==> flow/design.v <==
module dp_mul_core_n #(
  parameter integer DATA_W = 28
) (
  input wire i_clk,
  input wire resetn,
  input wire [DATA_W-1:0] opa,
  output wire [2*DATA_W-1:0] p
);
  reg [DATA_W-1:0] opa_reg;
  always @(posedge i_clk or negedge resetn) begin
    if (~resetn) begin
      opa_reg <= 0;
    end else begin
      opa_reg <= opa;
    end
  end
  assign p = opa_reg * opa_reg;
endmodule
Tool chain data of dp_mul_core_n
What the tools print for dp_mul_core_n, step after step.
Line numbers count from 1 in the design file above.
Cell names lack the library's common part.
{ "setup": {"top_module": "dp_mul_core_n", "clock": "i_clk", "cell_library": "sky130hd", "corner": "tt_025C_1v80"} }

Word level
Yosys after proc, flatten, opt, wreduce and memory -nomap, before mapping. Enables and synchronous resets that opt folds into registers are not counted as muxes. Memory bits, and registers merged into a memory's read port (data or address), are not among the register bits. Print and check cells are not counted. Equal cells are merged and count once.
{ "op_classes": {"mul": 1} }
{ "ops": {"columns": ["op", "count"], "rows": [
  ["multiplier 28 x 28 -> 56 bit", 1]
]} }
{ "bits": {"word_cells": 2, "ff_bits": 28} }

Logic depth
Depth = most cells in a row (Yosys ltp): at word level without a register or memory, in the mapped netlist without a sequential cell, where the memories' decode and read muxes count.
{ "depth": {"ltp_word": 1, "ABC_AREA": 0, "depth_mapped": 28, "ltp_nobuf": 25} }

Mapped cells and area
Yosys stat after the flow's synthesis: flattened, memories mapped to cells. It holds for the ABC_AREA given above (unset counts as 0); a run with the other value may have another netlist.
{ "by_type": {"columns": ["cell_type", "count", "type_area_um2"], "rows": [
  ["fa_1", 602, 1.21E+04],
  ["inv_1", 849, 3.19E+03],
  ["ha_1", 218, 2.73E+03],
  ["and2_1", 160, 1000.96],
  ["nand2_1", 231, 867.082],
  ["dfrtp_1", 28, 700.672],
  ["xnor2_1", 40, 350.336],
  ["a21oi_1", 63, 315.302],
  ["clkbuf_1", 79, 296.534],
  ["nor2_1", 65, 243.984],
  ["xor2_1", 26, 227.718],
  ["a21o_1", 27, 202.694],
  ["o21ai_0", 24, 120.115],
  ["nand3_1", 14, 70.067],
  ["nand4_1", 10, 62.56],
  ["o21bai_1", 8, 60.058],
  ["o21ai_1", 11, 55.053],
  ["a21oi_2", 5, 43.792]
]} }
Not listed: further types 44, cells in them 88.
{ "mapped": {"mapped_area_mm2": 0.0232748, "cell_count": 2548, "sequential_area_mm2": 0.0007007, "ff_cells": 28} }

Worst setup path after synthesis
OpenSTA on the mapped netlist: ideal clock, no wires. The path of least setup slack (recovery checks aside). Input and output delay are each 20% of the period. Register names are those of the netlist, which keeps one name where synthesis merged equal registers.
{ "synth_path": {"path_type": "register to output", "from": "register opa_reg[16]", "to": "output port p[54]", "n_path_buf": 2, "clock_period_ns": 10.5, "slack_ns": 1.680, "path_delay_ns": 6.720, "arrival_ns": 6.720, "t_required_ns": 8.400, "driving_pins": 26, "period_less_setup_slack_ns": 8.82} }
"path_delay_ns" is the arrival time less input delay plus setup time.
A path that ends at an output port has no setup time.
"driving_pins": output pins that drive a net of the path, with the launching flip-flop's if there is one; two outputs of one cell count as two.
"period_less_setup_slack_ns" is the clock period less the worst setup slack; recovery checks do not enter. This is arithmetic on one report: input and output delays are still those of the set period (20% each).
Between the ends stands the longest chain of elaborated cells between them, by number of cells; it is not shown to be the way that was timed. Of several equally long chains one is given.
Each line given opens the expression or statement behind the cell; cells for indexed reads and writes are added by Yosys, which also makes memories of some case tables.
{ "synth_via": {"cell_sequence": "dfrtp_1 > clkbuf_1 > clkbuf_1 > nand2_1 > fa_1 > inv_1 > fa_1 > inv_1 > fa_1 > fa_1 > inv_1 > fa_1 > fa_1 > inv_1 > fa_1 > inv_1 > ha_1 > a21oi_1 > o21ai_1 > or3b_2 > o21ai_1 > a21oi_2 > a31oi_4 > a21boi_2 > o31ai_2 > xor2_1", "elab_chain_len": 1, "cells_between": 1, "cone_lines": 1, "classes_between": "mul: 1"} }
{ "synth_rtl": {"columns": ["element", "line", "text"], "rows": [
  ["from (decl)", 9, "reg [DATA_W-1:0] opa_reg;"],
  ["from (assign)", 12, "opa_reg <= 0;"],
  ["from (assign)", 14, "opa_reg <= opa;"],
  ["multiplier 28 x 28 -> 56 bit", 17, "assign p = opa_reg * opa_reg;"],
  ["to (decl)", 7, "output wire [2*DATA_W-1:0] p"]
]} }

Timing after layout
Path of least setup slack in the final report of job 1 (OpenROAD, finished layout, wires in). Where an end is a register, its clock arrival counts in the times.
{ "layout_path": {"path_type": "register to output", "from": "register opa_reg[21]", "to": "output port p[54]", "slack_ns": 0.30, "clock_period_ns": 10.5, "n_path_buf": 2, "t_required_ns": 8.40, "driving_pins": 26, "arrival_ns": 8.10} }
Between the ends stands the longest chain of elaborated cells between them, by number of cells; it is not shown to be the way that was timed. Of several equally long chains one is given.
{ "layout_via": {"cell_sequence": "dfrtp_2 > buf_4 > nand2_1 > fa_1 > inv_1 > fa_1 > inv_1 > fa_1 > fa_1 > inv_1 > fa_1 > fa_1 > inv_1 > fa_1 > inv_1 > ha_1 > nand2_1 > o21ai_1 > or3b_2 > o21ai_1 > a21oi_2 > a31oi_4 > a21boi_2 > o31ai_2 > xor2_1 > clkdlybuf4s50_1", "elab_chain_len": 1, "cells_between": 1, "cone_lines": 1, "classes_between": "mul: 1"} }
{ "layout_rtl": {"columns": ["element", "line", "text"], "rows": [
  ["from (decl)", 9, "reg [DATA_W-1:0] opa_reg;"],
  ["from (assign)", 12, "opa_reg <= 0;"],
  ["from (assign)", 14, "opa_reg <= opa;"],
  ["multiplier 28 x 28 -> 56 bit", 17, "assign p = opa_reg * opa_reg;"],
  ["to (decl)", 7, "output wire [2*DATA_W-1:0] p"]
]} }

Ticket comment

Measured data: module dp_mul_core_n, platform sky130hd, 3 stored runs of the flow under differing settings, order arbitrary. Input and output delays are each 20% of the period that was set; the output load is 0.01 pF.
By "period_reached_ns" is meant the clock period of the run minus its worst setup slack. This is arithmetic on one report: input and output delays are still those of the set period (20% each).
By "worst_setup_path_time_ns" is meant the share of the clock period that the worst setup path is allowed (20% is reserved at inputs, 20% at outputs), minus its slack. Clock arrival times at its registers enter into it.
[
  {
    "run": "job 1",
    "settings": { "period_ns": 10.5, "CAP_MARGIN": 20, "CORE_MARGIN": 2, "CORE_UTILIZATION": 40, "SLEW_MARGIN": 20 },
    "results": { "dieArea_mm2": 0.0601328, "period_reached_ns": 10.196, "util_pct": 44.4, "worst_setup_path_time_ns": 8.10, "timing.worst_path_kind": "register to output", "final_cell_area_mm2": 0.025547, "total_negative_slack_ns": 0.000, "synth_chip_area_mm2": 0.0232748, "worstSetupSlack_ns": 0.304 }
  },
  {
    "run": "job 2",
    "settings": { "period_ns": 12.1, "CORE_UTILIZATION": 48, "SETUP_SLACK_MARGIN": 2.01, "PLACE_DENSITY": 0.47, "CELL_PAD_IN_SITES_GLOBAL_PLACEMENT": 0, "CELL_PAD_IN_SITES_DETAIL_PLACEMENT": 2, "TNS_END_PERCENT": 60, "GPL_TIMING_DRIVEN": 1, "GPL_ROUTABILITY_DRIVEN": 0, "MIN_ROUTING_LAYER": "met2", "CAP_MARGIN": 20, "CORE_MARGIN": 2, "SLEW_MARGIN": 20 },
    "outcome": "no final report: routing broke off with GRT-0232"
  },
  {
    "run": "job 3",
    "settings": { "period_ns": 14.1, "CORE_UTILIZATION": 55, "PLACE_DENSITY": 0.46, "CELL_PAD_IN_SITES_DETAIL_PLACEMENT": 0, "TNS_END_PERCENT": 80, "ABC_AREA": 0, "GPL_ROUTABILITY_DRIVEN": 0, "CAP_MARGIN": 20, "CORE_MARGIN": 2, "SLEW_MARGIN": 20 },
    "results": { "dieArea_mm2": 0.0439804, "period_reached_ns": 11.550, "util_pct": 59.2, "worst_setup_path_time_ns": 8.73, "timing.worst_path_kind": "register to output", "final_cell_area_mm2": 0.0247838, "total_negative_slack_ns": 0.000, "synth_chip_area_mm2": 0.0232748, "worstSetupSlack_ns": 2.550 }
  }
]
